==> flow/design.v <==
module sync_mag_cmp_mod #(
   parameter int W = 16
) (
   input  logic clock,
   input  logic clr,
   input  logic [W-1:0] u,
   input  logic [W-1:0] v,
   output logic le
);
   logic [W-1:0] u_q;
   logic [W-1:0] v_q;
   always_ff @(posedge clock or posedge clr) begin
      if (clr) begin
         u_q <= 0;
         v_q <= 0;
      end else begin
         u_q <= u;
         v_q <= v;
      end
   end
   assign le = (u_q <= v_q);
endmodule
# [Tool chain data of sync_mag_cmp_mod]
# The steps from the RTL of sync_mag_cmp_mod to its reports follow in flow order.
# Line numbers count from 1 in the design file above.
# A cell with n/a has no value.
[inputs] top="sync_mag_cmp_mod" clock="clock" cell_library="sky130hd" corner="tt_025C_1v80"

# [Elaborated design]
# Source: Yosys, flattened and elaborated, memories not mapped. Widths are those after wreduce; folded enables and synchronous resets count as part of the registers. Registers that Yosys merges into a memory's read port (data or address) are not register bits. Print and check cells do not count. Equal cells are merged and count once.
[bits] ff_bits=32 inputBits=34 out_inout_bits=1 elab_cells=3
[op_classes] compare=1
[ops] cell="less-or-equal comparator 16 bit" count=1

# [Logic depth]
# Yosys ltp: most cells in a row. Word level: on the elaborated netlist, between registers, memories and ports. Mapped: between sequential cells and ports; inverters and the memories' decode and read muxes count.
[logic_depth] ltp_word=1 ABC_AREA=0 depth_mapped=6 mapped_depth_nobuf=6

# [After synthesis]
# Yosys stat after the flow's synthesis: flattened, memories mapped to cells. It holds for the ABC_AREA given above (unset counts as 0); a run with the other value may have another netlist.
[types] type="sky130_fd_sc_hd__dfrtp_1" count=32 area_total_um2=800.768
[types] type="sky130_fd_sc_hd__ha_1" count=16 area_total_um2=200.192
[types] type="sky130_fd_sc_hd__inv_1" count=17 area_total_um2=63.811
[types] type="sky130_fd_sc_hd__a21oi_1" count=6 area_total_um2=30.029
[types] type="sky130_fd_sc_hd__nand4_1" count=3 area_total_um2=18.768
[types] type="sky130_fd_sc_hd__nor4_2" count=1 area_total_um2=12.512
[types] type="sky130_fd_sc_hd__o31ai_2" count=1 area_total_um2=12.512
[types] type="sky130_fd_sc_hd__a21boi_2" count=1 area_total_um2=11.261
[types] type="sky130_fd_sc_hd__nand2_1" count=3 area_total_um2=11.261
[types] type="sky130_fd_sc_hd__a221o_1" count=1 area_total_um2=10.01
[types] type="sky130_fd_sc_hd__nand3_1" count=2 area_total_um2=10.01
[types] type="sky130_fd_sc_hd__o21ai_0" count=2 area_total_um2=10.01
[types] type="sky130_fd_sc_hd__a21o_1" count=1 area_total_um2=7.507
[types] type="sky130_fd_sc_hd__and2_1" count=1 area_total_um2=6.256
[types] type="sky130_fd_sc_hd__nor2b_1" count=1 area_total_um2=6.256
[types] type="sky130_fd_sc_hd__nor2_1" count=1 area_total_um2=3.754
[mapped] stdcells=89 area_um2=1214.9 seq_area_um2=800.8 ffs=32 buf_cells=0

# [Timing after synthesis]
# OpenSTA on the mapped netlist: ideal clock, no wires. The path of least setup slack (recovery checks aside). Input and output delay are each 20% of the period. Register names are those of the netlist, which keeps one name where synthesis merged equal registers.
[synth_timing] path_kind="register -> output" from="register u_q[14]" to="output port le" tclk_ps=2350 t_first_pin_ps=0 arrival_ps=1507 t_required_ps=1880 path_slack_ps=373 path_delay_ps=1507 stages=6 n_path_buf=0 period_less_setup_slack_ps=1977
# "path_delay_ps" = arrival - input delay + setup time.
# At an output port there is no setup time.
# "stages": output pins that drive a net of the path, with the launching flip-flop's if there is one; two outputs of one cell count as two.
# "period_less_setup_slack_ps" = period - worst setup slack (recovery checks aside). The figure is calculated, with input and output delays left at 20% of the set period.
# The rows between start and end are the longest chain of elaborated cells between them; the timing report does not say that the signal goes this way. Where chains are equally long, one stands for them.
# A line is the first line of the expression or statement that the cell stems from. Yosys adds cells for indexed reads and writes and turns some case tables into memories.
[synth_between] path_cell_list="sky130_fd_sc_hd__dfrtp_1 sky130_fd_sc_hd__ha_1 sky130_fd_sc_hd__a21oi_1 sky130_fd_sc_hd__nand2_1 sky130_fd_sc_hd__a221o_1 sky130_fd_sc_hd__o31ai_2" elab_chain_cells=1 cone_cells=1 cone_lines=1 classes_between="compare: 1"
[synth_rtl] item="start: declaration" line=10 source="logic [W-1:0] u_q;"
[synth_rtl] item="start: assignment" line=14 source="u_q <= 0;"
[synth_rtl] item="start: assignment" line=17 source="u_q <= u;"
[synth_rtl] item="less-or-equal comparator 16 bit" line=21 source="assign le = (u_q <= v_q);"
[synth_rtl] item="end: declaration" line=8 source="output logic le"

# [Worst path after layout]
# Path of least setup slack in the final report of job 1 (OpenROAD, finished layout, wires in). Where an end is a register, its clock arrival counts in the times.
# The report prints the path's times to 10 ps; the period is as set.
[layout_timing] path_kind="register -> output" from="register u_q[8]" to="output port le" tclk_ps=1300 t_first_pin_ps=270 arrival_ps=1890 t_required_ps=1040 path_slack_ps=-850 stages=7 n_path_buf=1
# The rows between start and end are the longest chain of elaborated cells between them; the timing report does not say that the signal goes this way. Where chains are equally long, one stands for them.
[layout_between] path_cell_list="sky130_fd_sc_hd__dfrtp_1 sky130_fd_sc_hd__ha_1 sky130_fd_sc_hd__nand4_1 sky130_fd_sc_hd__nor2_1 sky130_fd_sc_hd__a221o_1 sky130_fd_sc_hd__o31ai_4 sky130_fd_sc_hd__buf_2" elab_chain_cells=1 cone_cells=1 cone_lines=1 classes_between="compare: 1"
[layout_rtl] item="start: declaration" line=10 source="logic [W-1:0] u_q;"
[layout_rtl] item="start: assignment" line=14 source="u_q <= 0;"
[layout_rtl] item="start: assignment" line=17 source="u_q <= u;"
[layout_rtl] item="less-or-equal comparator 16 bit" line=21 source="assign le = (u_q <= v_q);"
[layout_rtl] item="end: declaration" line=8 source="output logic le"

# 3 stored runs of sync_mag_cmp_mod in the flow (synthesis by Yosys, layout by OpenROAD, sky130hd cells), in arbitrary order. Constraints: input delay and output delay 20% of the set period each, output load 0.01 pF.
# "period_reached_ps" = clock period - worst setup slack. The figure is calculated, with input and output delays left at 20% of the set period.
# By "worst_path_allowed_less_slack_ps" is meant the share of the clock period that the worst setup path is allowed (20% is reserved at inputs, 20% at outputs), minus its slack. Clock arrival times at its registers enter into it.
# "power_uw": no workload was simulated; the value follows from the tool's default switching activity.
# "worst_path_allowed_less_slack_ps" is given in steps of 10 ps.
run="job 1" settings period_ns=1.3 CORE_UTILIZATION=26 PLACE_DENSITY_LB_ADDON=0.01 HOLD_SLACK_MARGIN=-0.02 CORE_ASPECT_RATIO=1.55 TNS_END_PERCENT=40 GPL_ROUTABILITY_DRIVEN=1 CTS_CLUSTER_SIZE=24 CAP_MARGIN=20 CORE_MARGIN=2 SLEW_MARGIN=20
run="job 1" results synth_area_um2=1214.9 setupTns_ps=-850 power_uw=2081 post_route_util_frac=0.394 period_reached_ps=2150 layout_stdcell_area_um2=1805.5 worst_path_allowed_less_slack_ps=1890 worstPathKind="register -> output" setup_ws_ps=-850 final_die_area_um2=5248.7
run="job 2" settings period_ns=1.83 CORE_UTILIZATION=25 SETUP_SLACK_MARGIN=0.03 PLACE_DENSITY=0.36 CORE_ASPECT_RATIO=1.11 CELL_PAD_IN_SITES_GLOBAL_PLACEMENT=2 SLEW_MARGIN=30 MIN_ROUTING_LAYER="met1" MAX_ROUTING_LAYER="met5" CAP_MARGIN=20 CORE_MARGIN=2
run="job 2" results synth_area_um2=1214.9 setupTns_ps=-435 power_uw=1490 post_route_util_frac=0.393 period_reached_ps=2265 layout_stdcell_area_um2=1826.8 worst_path_allowed_less_slack_ps=1900 worstPathKind="register -> output" setup_ws_ps=-435 final_die_area_um2=5433.9
run="job 3" settings period_ns=2.35 CAP_MARGIN=20 CORE_MARGIN=2 CORE_UTILIZATION=40 SLEW_MARGIN=20
run="job 3" results synth_area_um2=1214.9 setupTns_ps=-81 power_uw=1051 post_route_util_frac=0.612 period_reached_ps=2431 layout_stdcell_area_um2=1730.4 worst_path_allowed_less_slack_ps=1960 worstPathKind="register -> output" setup_ws_ps=-81 final_die_area_um2=3494.0
